==> flow/design.v <==
module ex_shft_p #(
  parameter integer WIDTH = 96,
  parameter integer LG = $clog2(WIDTH)
) (
  input  wire sys_clk,
  input  wire [WIDTH-1:0] bus_i,
  input  wire [LG-1:0] by_i,
  output reg [WIDTH-1:0] o_o
);
  reg [WIDTH-1:0] bus_d1;
  reg [LG-1:0] by_d1;
  always @(posedge sys_clk) begin
    bus_d1 <= bus_i;
    by_d1 <= by_i;
  end
  wire [WIDTH-1:0] n_ [0:LG];
  assign n_[0] = bus_d1;
  genvar g;
  generate
    for (g = 0; g < LG; g = g + 1) begin : lane
      assign n_[g+1] = by_d1[g] ? (n_[g] << (1 << g)) | (n_[g] >> (WIDTH - (1 << g))) : n_[g];
    end
  endgenerate
  always @(posedge sys_clk) begin
    o_o <= n_[LG];
  end
endmodule
Step by step through the tools: ex_shft_p --
Tool output for the design above, in the order of the flow. Lines are those of the file above, counted from 1. Operators: Yosys type, input widths -> output width; for muxes data width and select width s. Cell names lack the library's common part. A cell with n/a has no value.
Set-up: top ex_shft_p, clock port sys_clk, standard-cell library sky130hd, corner tt_025C_1v80

After elaboration --
Source: Yosys, flattened and elaborated. Widths are those after wreduce; folded enables and synchronous resets count as part of the registers. Registers that Yosys merges into a memory's read port (data or address) are not register bits. Print and check cells do not count. Equal cells are merged and count once.
Operators by class: mux-type cells 7, bitwise operators 7
Operator list (count):
- $mux 96 | 7
- $or 96x1->96 | 1
- $or 96x16->96 | 1
- $or 96x2->96 | 1
- $or 96x32->96 | 1
- $or 96x4->96 | 1
- $or 96x64->96 | 1
- $or 96x8->96 | 1
Bit counts: word-level cells 17, register bits after elaboration 199

Logic depth --
Longest topological path by Yosys (ltp), each cell counted once; first at word level (registers and memories cut), then after technology mapping (sequential cells cut; the memories' decode and read muxes count).
Logic depth: word-level depth 14, ABC_AREA 0, gate-level depth with buffers 7, gate-level depth less buffers 4

Netlist --
Yosys stat after the flow's synthesis: flattened, memories mapped to cells. It holds for the ABC_AREA given above (unset counts as 0); a run with the other value may have another netlist. The area totals of this step are shown rounded.
Mapped netlist: flip-flops 199, mapped area 11900 um^2, area of sequential cells 3980 um^2, mapped cells 660, buffers 77
Cells by type (count):
- mux4_2 | 288
- dfxtp_1 | 199
- mux2_2 | 96
- clkbuf_1 | 55
- buf_6 | 5
- buf_1 | 10
- buf_2 | 7

Timing after synthesis --
Path of least setup slack by OpenSTA after synthesis, without wires, with an ideal clock, recovery checks aside; 20% of the period is set as input and as output delay. Where synthesis merged equal registers, the netlist keeps one of their names.
Timing path post-synthesis: path type register to register, start point register by_d1[3], end point register o_o[3], arrival time 2660 ps, data required time 3359 ps, setup time 121 ps, path slack 700 ps, delay of the path 2781 ps, period 3480 ps, driving pins on the path 8, path buffers 3, period reached after synthesis 2780 ps
"delay of the path" is the arrival time less input delay plus setup time. "driving pins on the path": output pins that drive a net of the path, with the launching flip-flop's if there is one; two outputs of one cell count as two. "period reached after synthesis" = period - worst setup slack (recovery checks aside). The figure is calculated, with input and output delays left at 20% of the set period. Between the ends stands the longest chain of elaborated cells between them, by number of cells; it is not shown to be the way that was timed. Of several equally long chains one is given. A line is the first line of the expression or statement that the cell stems from. Yosys adds cells for indexed reads and writes and turns some case tables into memories.
Between the ends, post-synthesis: cells stage by stage dfxtp_1 -> clkbuf_1 -> buf_2 -> buf_1 -> mux4_2 -> mux4_2 -> mux4_2 -> mux2_2, length of the longest elaborated chain 7, elaborated cells on any way between the ends 7, RTL lines with such cells 1, classes of those cells mux (4); logic (3)
RTL lines, path post-synthesis:
- start: declaration | line 11 | reg [LG-1:0] by_d1;
- start: assignment | line 14 | by_d1 <= by_i;
- $mux 96 | line 21 | assign n_[g+1] = by_d1[g] ? (n_[g] << (1 << g)) | (n_[g] >> (WIDTH - (1 << g))) : n_[g];
- $or 96x16->96 | line 21
- $mux 96 | line 21
- $or 96x32->96 | line 21
- $mux 96 | line 21
- $or 96x64->96 | line 21
- $mux 96 | line 21
- end: assignment | line 25 | o_o <= n_[LG];
- end: declaration | line 8 | output reg [WIDTH-1:0] o_o

Worst path after layout --
Path of least setup slack in the final report of run 1 (OpenROAD, finished layout, wires in). Where an end is a register, its clock arrival counts in the times. The report prints the path's times to 10 ps; the period is as set.
Timing path post-layout: path type register to register, start point register by_d1[0], end point register o_o[82], period 5430 ps, arrival time 3660 ps, path buffers 2, data required time 5770 ps, setup time 110 ps, path slack 2120 ps, driving pins on the path 7
Between the ends stands the longest chain of elaborated cells between them, by number of cells; it is not shown to be the way that was timed. Of several equally long chains one is given.
Between the ends, post-layout: cells stage by stage dfxtp_4 -> buf_16 -> buf_4 -> mux4_2 -> mux4_2 -> mux4_2 -> mux2_2, length of the longest elaborated chain 13, elaborated cells on any way between the ends 13, RTL lines with such cells 1, classes of those cells mux (7); logic (6)
RTL lines, path post-layout:
- start: declaration | line 11 | reg [LG-1:0] by_d1;
- start: assignment | line 14 | by_d1 <= by_i;
- $mux 96 | line 21 | assign n_[g+1] = by_d1[g] ? (n_[g] << (1 << g)) | (n_[g] >> (WIDTH - (1 << g))) : n_[g];
- $or 96x2->96 | line 21
- $mux 96 | line 21
- $or 96x4->96 | line 21
- $mux 96 | line 21
- $or 96x8->96 | line 21
- $mux 96 | line 21
- $or 96x16->96 | line 21
- $mux 96 | line 21
- $or 96x32->96 | line 21
- $mux 96 | line 21
- $or 96x64->96 | line 21
- $mux 96 | line 21
- end: assignment | line 25 | o_o <= n_[LG];
- end: declaration | line 8 | output reg [WIDTH-1:0] o_o

Stored flow runs of ex_shft_p (3 of them; Yosys, OpenROAD, sky130hd). They differ in their settings and are not a sequence. Constraints: input delay and output delay 20% of the set period each, output load 0.01 pF.
"period achieved" is the run's clock period less its worst setup slack. It is reckoned from that one timing run; input and output delays stay at 20% of the period that was set.
"time on the worst setup path": the worst setup path's part of the clock period (all of it between registers, 20% less for each end at a port) less its slack. A launch clock that arrives late makes it longer, a capture clock that arrives late makes it shorter.
"power consumption" rests on the timing tool's default activity at the inputs, not on a simulated workload.
"time on the worst setup path" is known to 10 ps.
Results are given in rounded form.

* Run 1 | settings: period_ns 5.43; CORE_UTILIZATION 47; PLACE_DENSITY_LB_ADDON 0.27; CORE_MARGIN 4; CELL_PAD_IN_SITES_DETAIL_PLACEMENT 1; TNS_END_PERCENT 85; CTS_CLUSTER_SIZE 51; CAP_MARGIN 30; SLEW_MARGIN 20 | results: post-layout utilization 60.1 %; standard-cell area of the final layout 14,800 um^2; power consumption 4.84 mW; period achieved 3,313 ps; total die area 27,900 um^2; setup TNS 0 ps; time on the worst setup path 3,310 ps; class of the worst setup path register to register; lowest hold slack 856 ps; cell area after synthesis 11,900 um^2; worst setup slack after layout 2,120 ps
* Run 2 | settings: period_ns 4.52; CORE_UTILIZATION 67; SETUP_SLACK_MARGIN 0.19; PLACE_DENSITY 0.89; HOLD_SLACK_MARGIN -0.09; CORE_MARGIN 6; CELL_PAD_IN_SITES_GLOBAL_PLACEMENT 0; CELL_PAD_IN_SITES_DETAIL_PLACEMENT 1; CAP_MARGIN 40; SLEW_MARGIN 35; MAX_ROUTING_LAYER met5 | unfinished; tool error in placement
* Run 3 | settings: period_ns 3.48; CAP_MARGIN 20; CORE_MARGIN 2; CORE_UTILIZATION 40; SLEW_MARGIN 20 | results: lowest hold slack 683 ps; power consumption 7.36 mW; time on the worst setup path 3,090 ps; class of the worst setup path register to register; total die area 31,100 um^2; cell area after synthesis 11,900 um^2; period achieved 3,085 ps; standard-cell area of the final layout 14,900 um^2; setup TNS 0 ps; post-layout utilization 50.6 %; worst setup slack after layout 395 ps
